==> flow/design.v <==
module gen_mag_cmp #(
    parameter int DATA_W = 7,
    parameter int COUNT = 7
) (
    input logic clk,
    input logic aresetn,
    input logic [COUNT*DATA_W-1:0] src,
    output logic [DATA_W-1:0] hi
);
    logic [COUNT*DATA_W-1:0] src_ff;
    always_ff @(posedge clk or negedge aresetn) begin
        if (!aresetn) begin
            src_ff <= '0;
        end else begin
            src_ff <= src;
        end
    end
    wire [DATA_W-1:0] tree [1:2*COUNT-1];
    for (genvar g = 0; g < COUNT; g++) begin : g_bit
        assign tree[COUNT+g] = src_ff[g*DATA_W +: DATA_W];
    end
    for (genvar g = 1; g < COUNT; g++) begin : u_g
        assign tree[g] = (tree[2*g] > tree[2*g+1]) ? tree[2*g] : tree[2*g+1];
    end
    logic [DATA_W-1:0] hi_ff;
    always_ff @(posedge clk or negedge aresetn) begin
        if (!aresetn) begin
            hi_ff <= '0;
        end else begin
            hi_ff <= tree[1];
        end
    end
    assign hi = hi_ff;
endmodule
Tool chain data of gen_mag_cmp
The steps from the RTL of gen_mag_cmp to its reports follow in flow order.
Line numbers count from 1 in the design file above.
Cell names lack the library's common part.
The mark -- stands for no value.
Set-up
  top: gen_mag_cmp
  clock input: clk
  library: sky130hd
  library corner: tt_025C_1v80

Word-level counts
Source: Yosys, flattened and elaborated. Widths are those after wreduce; folded enables and synchronous resets count as part of the registers. Registers that Yosys merges into a memory's read port (data or address) are not register bits. Print and check cells do not count. Equal cells are merged and count once.
Cells by class
  multiplexer cells: 6
  $lt $le $gt $ge: 6
Operators with widths (count)
  > comparator 7 bit: 6
  2-to-1 mux 7 bit: 6
Bit counts
  register bits after elaboration: 56
  cells after elaboration: 14
  output and inout port bits: 7
  bits of input ports: 51

Logic depth
Depth = most cells in a row (Yosys ltp): at word level without a register or memory, in the mapped netlist without a sequential cell, where the memories' decode and read muxes count.
Depth
  word-level depth: 6
  ABC_AREA: 0
  gate-level depth with buffers: 23
  mapped depth without buffers: 21

Mapped cells and area
The flow's flattened synthesis, as Yosys stat reports it; memories are mapped. The netlist is that of the ABC_AREA named above (0 if unset); the other value can give another one.
Cells by type
  dfrtp_1: count 56, total area 1.4E+03 um^2
  ha_1: count 42, total area 525.504 um^2
  mux2i_1: count 28, total area 280.269 um^2
  inv_1: count 42, total area 157.651 um^2
  nor2_1: count 21, total area 78.826 um^2
  a21oi_1: count 15, total area 75.072 um^2
  o21ai_0: count 11, total area 55.053 um^2
  nand3b_1: count 6, total area 45.043 um^2
  a22o_1: count 5, total area 43.792 um^2
  nand4_1: count 6, total area 37.536 um^2
  nand3_1: count 6, total area 30.029 um^2
  a21oi_2: count 3, total area 26.275 um^2
  nand2_1: count 7, total area 26.275 um^2
  o22ai_2: count 2, total area 25.024 um^2
  mux2_2: count 2, total area 22.522 um^2
  o31ai_4: count 1, total area 21.27 um^2
  a211oi_1: count 2, total area 15.014 um^2
  mux2_4: count 1, total area 15.014 um^2
Not listed: further types 8, cells in them 11.
Mapped netlist
  flip-flop cells: 56
  chip area (Yosys): 2952.8 um^2
  sequential part of the area: 1401.3 um^2
  buffer cells: 3
  standard cells after synthesis: 267

Path before layout
Source: OpenSTA report_checks on the synthesized netlist (no wires, ideal clock, input and output delay 20% of the period each), path of least setup slack; recovery checks are left aside. Register names are those of the netlist, which keeps one name where synthesis merged equal registers.
Path post-synthesis
  path kind: register to register
  from: register src_ff[39]
  to: register hi_ff[1]
  data required time: 5339 ps
  clock period: 5460 ps
  buffers on the path: 3
  path delay: 4364 ps
  library setup time: 121 ps
  data arrival time: 4243 ps
  path slack: 1096 ps
  driving pins on the path: 22
  launch time at the first pin: 0 ps
  synthesis period reached: 4364 ps
"path delay" is the arrival time less input delay plus setup time.
"driving pins on the path" counts driving pins, that of a launching flip-flop among them; a cell with two outputs on the path counts twice.
"synthesis period reached" is the clock period less the worst setup slack; recovery checks do not enter. This is arithmetic on one report: input and output delays are still those of the set period (20% each).
The rows between start and end are the longest chain of elaborated cells between them; the timing report does not say that the signal goes this way. Where chains are equally long, one stands for them.
A line is the first line of the expression or statement that the cell stems from. Yosys adds cells for indexed reads and writes and turns some case tables into memories.
On the way, post-synthesis
  cell sequence: dfrtp_1 ha_1 a211oi_2 nor2_1 o31ai_4 mux2i_1 inv_1 ha_1 a41oi_1 o21ai_0 o21ba_2 buf_2 clkbuf_1 nand2_1 o21ai_0 ha_1 a211oi_1 nor2_1 nor3_1 nor2_1 clkbuf_1 a22o_1
  cells in the longest elaborated chain: 6
  elaborated cells between the ends (all ways): 6
  source lines of those cells: 1
  those cells by class: 3 x compare; 3 x mux
RTL lines, path post-synthesis
  from (decl): line 10  | logic [COUNT*DATA_W-1:0] src_ff;
  from (assign): line 13  | src_ff <= '0;
  from (assign): line 15  | src_ff <= src;
  > comparator 7 bit: line 23  | assign tree[g] = (tree[2*g] > tree[2*g+1]) ? tree[2*g] : tree[2*g+1];
  2-to-1 mux 7 bit: line 23
  > comparator 7 bit: line 23
  2-to-1 mux 7 bit: line 23
  > comparator 7 bit: line 23
  2-to-1 mux 7 bit: line 23
  to (assign): line 28  | hi_ff <= '0;
  to (assign): line 30  | hi_ff <= tree[1];
  to (decl): line 25  | logic [DATA_W-1:0] hi_ff;

Worst path after layout
Path of least setup slack in the final report of stored run 2 (OpenROAD, finished layout, wires in). Where an end is a register, its clock arrival counts in the times.
The report prints the path's times to 10 ps; the period is as set.
Path post-layout
  path kind: register to register
  from: register src_ff[37]
  to: register hi_ff[5]
  library setup time: 110 ps
  data required time: 7290 ps
  driving pins on the path: 22
  buffers on the path: 3
  clock period: 7100 ps
  path slack: 1860 ps
  data arrival time: 5430 ps
  launch time at the first pin: 290 ps
The rows between start and end are the longest chain of elaborated cells between them; the timing report does not say that the signal goes this way. Where chains are equally long, one stands for them.
On the way, post-layout
  cell sequence: dfrtp_1 ha_1 a21oi_2 a21oi_2 o31ai_4 mux2i_1 inv_1 ha_1 nand4_1 a21oi_1 o21ba_2 buf_2 clkbuf_1 nand2_1 o21ai_0 ha_1 a21oi_1 a21oi_1 nor3_1 nor2_1 clkbuf_1 a22o_1
  cells in the longest elaborated chain: 6
  elaborated cells between the ends (all ways): 6
  source lines of those cells: 1
  those cells by class: 3 x compare; 3 x mux
RTL lines, path post-layout
  from (decl): line 10  | logic [COUNT*DATA_W-1:0] src_ff;
  from (assign): line 13  | src_ff <= '0;
  from (assign): line 15  | src_ff <= src;
  > comparator 7 bit: line 23  | assign tree[g] = (tree[2*g] > tree[2*g+1]) ? tree[2*g] : tree[2*g+1];
  2-to-1 mux 7 bit: line 23
  > comparator 7 bit: line 23
  2-to-1 mux 7 bit: line 23
  > comparator 7 bit: line 23
  2-to-1 mux 7 bit: line 23
  to (assign): line 28  | hi_ff <= '0;
  to (assign): line 30  | hi_ff <= tree[1];
  to (decl): line 25  | logic [DATA_W-1:0] hi_ff;

## Implementation results

gen_mag_cmp through Yosys and OpenROAD on sky130hd: 3 stored runs, unordered, with their settings and measured results. The constraints put input and output delay at 20% of the set period each and load the outputs with 0.01 pF.
"period achieved": clock period set for the run, less the worst setup slack. It is reckoned from that one timing run; input and output delays stay at 20% of the period that was set.
"critical setup path time": the worst setup path's part of the clock period (all of it between registers, 20% less for each end at a port) less its slack. A launch clock that arrives late makes it longer, a capture clock that arrives late makes it shorter.
"total power of the final layout" rests on the timing tool's default activity at the inputs, not on a simulated workload.
"critical setup path time" is known to 10 ps.

==> stored run 1: settings <==
{ "period_ns": 6.32, "CORE_UTILIZATION": 61, "PLACE_DENSITY": 0.53, "HOLD_SLACK_MARGIN": 0.09, "CORE_ASPECT_RATIO": 0.75, "CORE_MARGIN": 5, "CELL_PAD_IN_SITES_GLOBAL_PLACEMENT": 0, "CELL_PAD_IN_SITES_DETAIL_PLACEMENT": 2, "CTS_CLUSTER_SIZE": 75, "CTS_CLUSTER_DIAMETER": 245, "CAP_MARGIN": 15, "SLEW_MARGIN": 25 }
==> stored run 1: results <==
not finished: placement ended with error DPL-0033

==> stored run 2: settings <==
{ "period_ns": 7.1, "CORE_UTILIZATION": 27, "PLACE_DENSITY": 0.65, "CORE_ASPECT_RATIO": 1.69, "CELL_PAD_IN_SITES_GLOBAL_PLACEMENT": 0, "CELL_PAD_IN_SITES_DETAIL_PLACEMENT": 2, "GPL_TIMING_DRIVEN": 0, "GPL_ROUTABILITY_DRIVEN": 1, "SLEW_MARGIN": 0, "CAP_MARGIN": 20, "CORE_MARGIN": 2 }
==> stored run 2: results <==
smallest hold slack: 695 ps
standard-cell area after layout: 3861.2 um^2
period achieved: 5239 ps
total power of the final layout: 0.0009751 W
Yosys chip area after synthesis: 2952.8 um^2
critical setup path time: 5240 ps
worst path kind: register to register
die area: 11818.1 um^2
post-route utilization: 36.2 %
final setup TNS: 0 ps
worst setup slack after layout: 1861 ps

==> stored run 3: settings <==
{ "period_ns": 5.46, "CAP_MARGIN": 20, "CORE_MARGIN": 2, "CORE_UTILIZATION": 40, "SLEW_MARGIN": 20 }
==> stored run 3: results <==
smallest hold slack: 669 ps
standard-cell area after layout: 3733.6 um^2
period achieved: 4824 ps
total power of the final layout: 0.001099 W
Yosys chip area after synthesis: 2952.8 um^2
critical setup path time: 4820 ps
worst path kind: register to register
die area: 8085.6 um^2
post-route utilization: 51.8 %
final setup TNS: 0 ps
worst setup slack after layout: 636 ps
